==> flow/design.v <==
module sh_core_n #(
   parameter integer DWIDTH = 24,
   parameter integer SW = $clog2(DWIDTH)
) (
   input wire ck,
   input wire rstn,
   input wire en,
   input wire [DWIDTH-1:0] data,
   input wire [SW-1:0] sh,
   input wire dir,
   output reg [DWIDTH-1:0] y
);
   reg [DWIDTH-1:0] data_s;
   reg [SW-1:0] sh_s;
   reg dir_s;
   always @(posedge ck) begin
      if (!rstn) begin
         data_s <= 0;
         sh_s <= 0;
         dir_s <= 1'b0;
         y <= 0;
      end else if (en) begin
         data_s <= data;
         sh_s <= sh;
         dir_s <= dir;
         y <= dir_s ? data_s << sh_s : data_s >> sh_s;
      end
   end
endmodule
# Tool chain data of sh_core_n
# Module sh_core_n in several versions that differ in "DWIDTH"; each step lists the members.
# The file above is the member DWIDTH = 24. Line numbers count from 1 in each member's own file.
# A cell with n/a has no value.
[setup]
top = "sh_core_n"
clk_port = "ck"
library = "sky130hd"
pvt_corner = "tt_025C_1v80"

# Members of the sweep
# Lines of each other member's file that are new or changed against the file above; lines that a member lacks are not shown.
[src_changes]
columns = ["DWIDTH", "line_no", "text"]
rows = [
  [40, 2, "parameter integer DWIDTH = 40,"],
  [56, 2, "parameter integer DWIDTH = 56,"],
  [64, 2, "parameter integer DWIDTH = 64,"],
]

# After elaboration
# Yosys after proc, flatten, opt, wreduce and memory -nomap, before mapping. Enables and synchronous resets that opt folds into registers are not counted as muxes. Memory bits, and registers merged into a memory's read port (data or address), are not among the register bits. Print and check cells are not counted. Equal cells are merged and count once.
[bits]
columns = ["DWIDTH", "register_bits", "output_inout_bits"]
rows = [
  [24, 54, 24],
  [40, 87, 40],
  [56, 119, 56],
  [64, 135, 64],
]
[classes]
columns = ["DWIDTH", "n_shift", "muxes"]
rows = [
  [24, 2, 1],
  [40, 2, 1],
  [56, 2, 1],
  [64, 2, 1],
]
[op_table]
columns = ["DWIDTH", "op_list"]
rows = [
  [24, "<< shifter 24 x 5 -> 24 bit (1); >> shifter 24 x 5 -> 24 bit (1); two-way mux 24 bit (1)"],
  [40, "<< shifter 40 x 6 -> 40 bit (1); >> shifter 40 x 6 -> 40 bit (1); two-way mux 40 bit (1)"],
  [56, "<< shifter 56 x 6 -> 56 bit (1); >> shifter 56 x 6 -> 56 bit (1); two-way mux 56 bit (1)"],
  [64, "<< shifter 64 x 6 -> 64 bit (1); >> shifter 64 x 6 -> 64 bit (1); two-way mux 64 bit (1)"],
]

# Logic depth
# Yosys ltp: most cells in a row. Word level: on the elaborated netlist, between registers, memories and ports. Mapped: between sequential cells and ports; inverters and the memories' decode and read muxes count.
[logic_depth]
columns = ["DWIDTH", "ltp_word", "abc_area", "ltp_mapped", "ltp_nobuf"]
rows = [
  [24, 2, 0, 9, 5],
  [40, 2, 0, 10, 5],
  [56, 2, 0, 11, 6],
  [64, 2, 0, 12, 6],
]

# Netlist
# Yosys stat after the flow's synthesis: flattened, memories mapped to cells. It holds for the ABC_AREA given above (unset counts as 0); a run with the other value may have another netlist.
[by_type]
columns = ["DWIDTH", "cell_types"]
rows = [
  [24, "sky130_fd_sc_hd__dfxtp_1 (54); sky130_fd_sc_hd__mux4_2 (46); sky130_fd_sc_hd__mux2i_1 (73); sky130_fd_sc_hd__nor2_1 (60); sky130_fd_sc_hd__mux2_2 (18); sky130_fd_sc_hd__nand2_1 (35); sky130_fd_sc_hd__clkbuf_1 (33); sky130_fd_sc_hd__mux4_1 (4); sky130_fd_sc_hd__o21ai_0 (20); sky130_fd_sc_hd__a21oi_1 (14); sky130_fd_sc_hd__o211ai_1 (9); sky130_fd_sc_hd__nor2b_1 (10); sky130_fd_sc_hd__buf_6 (5); sky130_fd_sc_hd__buf_2 (9); sky130_fd_sc_hd__buf_4 (6); sky130_fd_sc_hd__a31oi_1 (6); sky130_fd_sc_hd__a221oi_1 (4); sky130_fd_sc_hd__nand3_1 (7); [+72]"],
  [40, "sky130_fd_sc_hd__mux4_2 (107); sky130_fd_sc_hd__dfxtp_1 (87); sky130_fd_sc_hd__mux2i_1 (122); sky130_fd_sc_hd__nor2b_1 (62); sky130_fd_sc_hd__mux2_2 (30); sky130_fd_sc_hd__clkbuf_1 (80); sky130_fd_sc_hd__nand2_1 (80); sky130_fd_sc_hd__nor2_1 (59); sky130_fd_sc_hd__o21ai_0 (41); sky130_fd_sc_hd__a21oi_1 (39); sky130_fd_sc_hd__mux4_1 (6); sky130_fd_sc_hd__buf_6 (11); sky130_fd_sc_hd__buf_2 (24); sky130_fd_sc_hd__a32o_1 (11); sky130_fd_sc_hd__nor3_1 (21); sky130_fd_sc_hd__a221oi_1 (11); sky130_fd_sc_hd__buf_4 (12); sky130_fd_sc_hd__o211ai_1 (12); [+213]"],
  [56, "sky130_fd_sc_hd__dfxtp_1 (119); sky130_fd_sc_hd__mux2i_1 (200); sky130_fd_sc_hd__mux4_2 (89); sky130_fd_sc_hd__mux2_2 (65); sky130_fd_sc_hd__nand2_1 (132); sky130_fd_sc_hd__nor2_1 (130); sky130_fd_sc_hd__nor2b_1 (76); sky130_fd_sc_hd__o21ai_0 (87); sky130_fd_sc_hd__o221ai_1 (37); sky130_fd_sc_hd__clkbuf_1 (83); sky130_fd_sc_hd__a21oi_1 (53); sky130_fd_sc_hd__buf_2 (42); sky130_fd_sc_hd__o211ai_1 (27); sky130_fd_sc_hd__nor3_1 (33); sky130_fd_sc_hd__a211oi_1 (21); sky130_fd_sc_hd__mux4_1 (6); sky130_fd_sc_hd__a31oi_1 (25); sky130_fd_sc_hd__a22oi_1 (20); [+245]"],
  [64, "sky130_fd_sc_hd__dfxtp_1 (135); sky130_fd_sc_hd__mux2i_1 (236); sky130_fd_sc_hd__mux4_2 (64); sky130_fd_sc_hd__mux2_2 (94); sky130_fd_sc_hd__o21ai_0 (127); sky130_fd_sc_hd__nand2_1 (168); sky130_fd_sc_hd__nor2b_1 (82); sky130_fd_sc_hd__nor2_1 (135); sky130_fd_sc_hd__clkbuf_1 (122); sky130_fd_sc_hd__a21oi_1 (79); sky130_fd_sc_hd__o22ai_1 (57); sky130_fd_sc_hd__a22oi_1 (39); sky130_fd_sc_hd__o221ai_1 (33); sky130_fd_sc_hd__mux4_1 (10); sky130_fd_sc_hd__buf_6 (22); sky130_fd_sc_hd__a211oi_1 (28); sky130_fd_sc_hd__buf_2 (41); sky130_fd_sc_hd__a31oi_1 (32); [+325]"],
]
# A list marked [+n] leaves out that many cells.
[synth_totals]
columns = ["DWIDTH", "cells", "yosys_area_um2", "flip_flops"]
rows = [
  [24, 485, 4717.0, 54],
  [40, 1028, 9794.4, 87],
  [56, 1490, 12883.6, 119],
  [64, 1829, 15155.8, 135],
]

# Timing after synthesis
# Path of least setup slack by OpenSTA after synthesis, without wires, with an ideal clock, recovery checks aside; 20% of the period is set as input and as output delay. Where synthesis merged equal registers, the netlist keeps one of their names.
[synth_path]
columns = ["DWIDTH", "path_type", "start", "end", "clock_period_ns", "path_slack_ns", "stages", "delay_ns", "period_less_setup_slack_ns"]
rows = [
  [24, "register to register", "register sh_s[0]", "register y[21]", 2.39, 0.476, 8, 1.914, 1.914],
  [40, "register to register", "register sh_s[1]", "register y[30]", 2.68, 0.535, 10, 2.144, 2.145],
  [56, "register to register", "register sh_s[1]", "register y[3]", 2.81, 0.564, 8, 2.245, 2.246],
  [64, "register to register", "register sh_s[1]", "register y[48]", 2.73, 0.543, 9, 2.188, 2.187],
]
# "delay_ns" = arrival - input delay + setup time.
# "stages" counts driving pins, that of a launching flip-flop among them; a cell with two outputs on the path counts twice.
# "period_less_setup_slack_ns" is the clock period less the worst setup slack; recovery checks do not enter. This is arithmetic on one report: input and output delays are still those of the set period (20% each).
# Between the ends stands the longest chain of elaborated cells between them, by number of cells; it is not shown to be the way that was timed. Of several equally long chains one is given.
# A line is the first line of the expression or statement that the cell stems from. Yosys adds cells for indexed reads and writes and turns some case tables into memories.
[synth_via_DWIDTH_24]
elab_chain_len = 2
[synth_lines_DWIDTH_24]
columns = ["item", "line_no", "text"]
rows = [
  ["start, declared", 14, "reg [SW-1:0] sh_s;"],
  ["start, assigned", 19, "sh_s <= 0;"],
  ["start, assigned", 24, "sh_s <= sh;"],
  [">> shifter 24 x 5 -> 24 bit", 26, "y <= dir_s ? data_s << sh_s : data_s >> sh_s;"],
  ["two-way mux 24 bit", 26, ""],
  ["end, assigned", 21, "y <= 0;"],
  ["end, assigned", 26, ""],
  ["end, declared", 11, "output reg [DWIDTH-1:0] y"],
]
[synth_via_DWIDTH_64]
elab_chain_len = 2
[synth_lines_DWIDTH_64]
columns = ["item", "line_no", "text"]
rows = [
  ["start, declared", 14, "reg [SW-1:0] sh_s;"],
  ["start, assigned", 19, "sh_s <= 0;"],
  ["start, assigned", 24, "sh_s <= sh;"],
  [">> shifter 64 x 6 -> 64 bit", 26, "y <= dir_s ? data_s << sh_s : data_s >> sh_s;"],
  ["two-way mux 64 bit", 26, ""],
  ["end, assigned", 21, "y <= 0;"],
  ["end, assigned", 26, ""],
  ["end, declared", 11, "output reg [DWIDTH-1:0] y"],
]

# Worst path after layout
# Path of least setup slack in the final report of each member's run (OpenROAD, finished layout, wires in). Where an end is a register, its clock arrival counts in the times.
[layout_path]
columns = ["DWIDTH", "path_type", "start", "end", "clock_period_ns", "path_slack_ns", "stages", "t_arrival_ns", "path_buffers"]
rows = [
  [24, "register to register", "register sh_s[1]", "register y[2]", 2.39, 0.15, 7, 2.43, 1],
  [40, "register to register", "register sh_s[2]", "register y[21]", 2.68, 0.07, 8, 2.86, 2],
  [56, "register to register", "register sh_s[1]", "register y[3]", 2.81, -0.08, 8, 3.24, 1],
  [64, "register to register", "register sh_s[1]", "register y[23]", 2.73, -0.02, 12, 3.10, 5],
]

# Flow runs
# One run of the flow (Yosys, OpenROAD) for each member, with settings and measured results. Input and output delays are each 20% of the period that was set; the output load is 0.01 pF.
[settings]
CAP_MARGIN = 20
CORE_MARGIN = 2
CORE_UTILIZATION = 40
SLEW_MARGIN = 20
[settings_by_member]
columns = ["DWIDTH", "period_ns"]
rows = [
  [24, 2.39],
  [40, 2.68],
  [56, 2.81],
  [64, 2.73],
]
[measured]
columns = ["DWIDTH", "yosys.chip_area_um2", "design_die_area_um2", "cell_area_final_um2", "finish.utilization_frac", "worst_setup_slack_ns", "tns_setup_ns", "final_hold_ws_ns", "total_power_uw", "clock_period_reached_ns"]
rows = [
  [24, 4717.0, 12677.6, 5596.6, 0.488, 0.150, 0.000, 0.453, 2662, 2.240],
  [40, 9794.4, 25753.8, 11691.2, 0.484, 0.072, 0.000, 0.463, 5023, 2.608],
  [56, 12883.6, 33661.2, 16732.3, 0.529, -0.076, -0.128, 0.483, 7460, 2.886],
  [64, 15155.8, 39461.8, 19896.6, 0.531, -0.023, -0.031, 0.445, 8927, 2.753],
]
# "clock_period_reached_ns" = clock period - worst setup slack. The figure is calculated, with input and output delays left at 20% of the set period.
# "total_power_uw" rests on the timing tool's default activity at the inputs, not on a simulated workload.
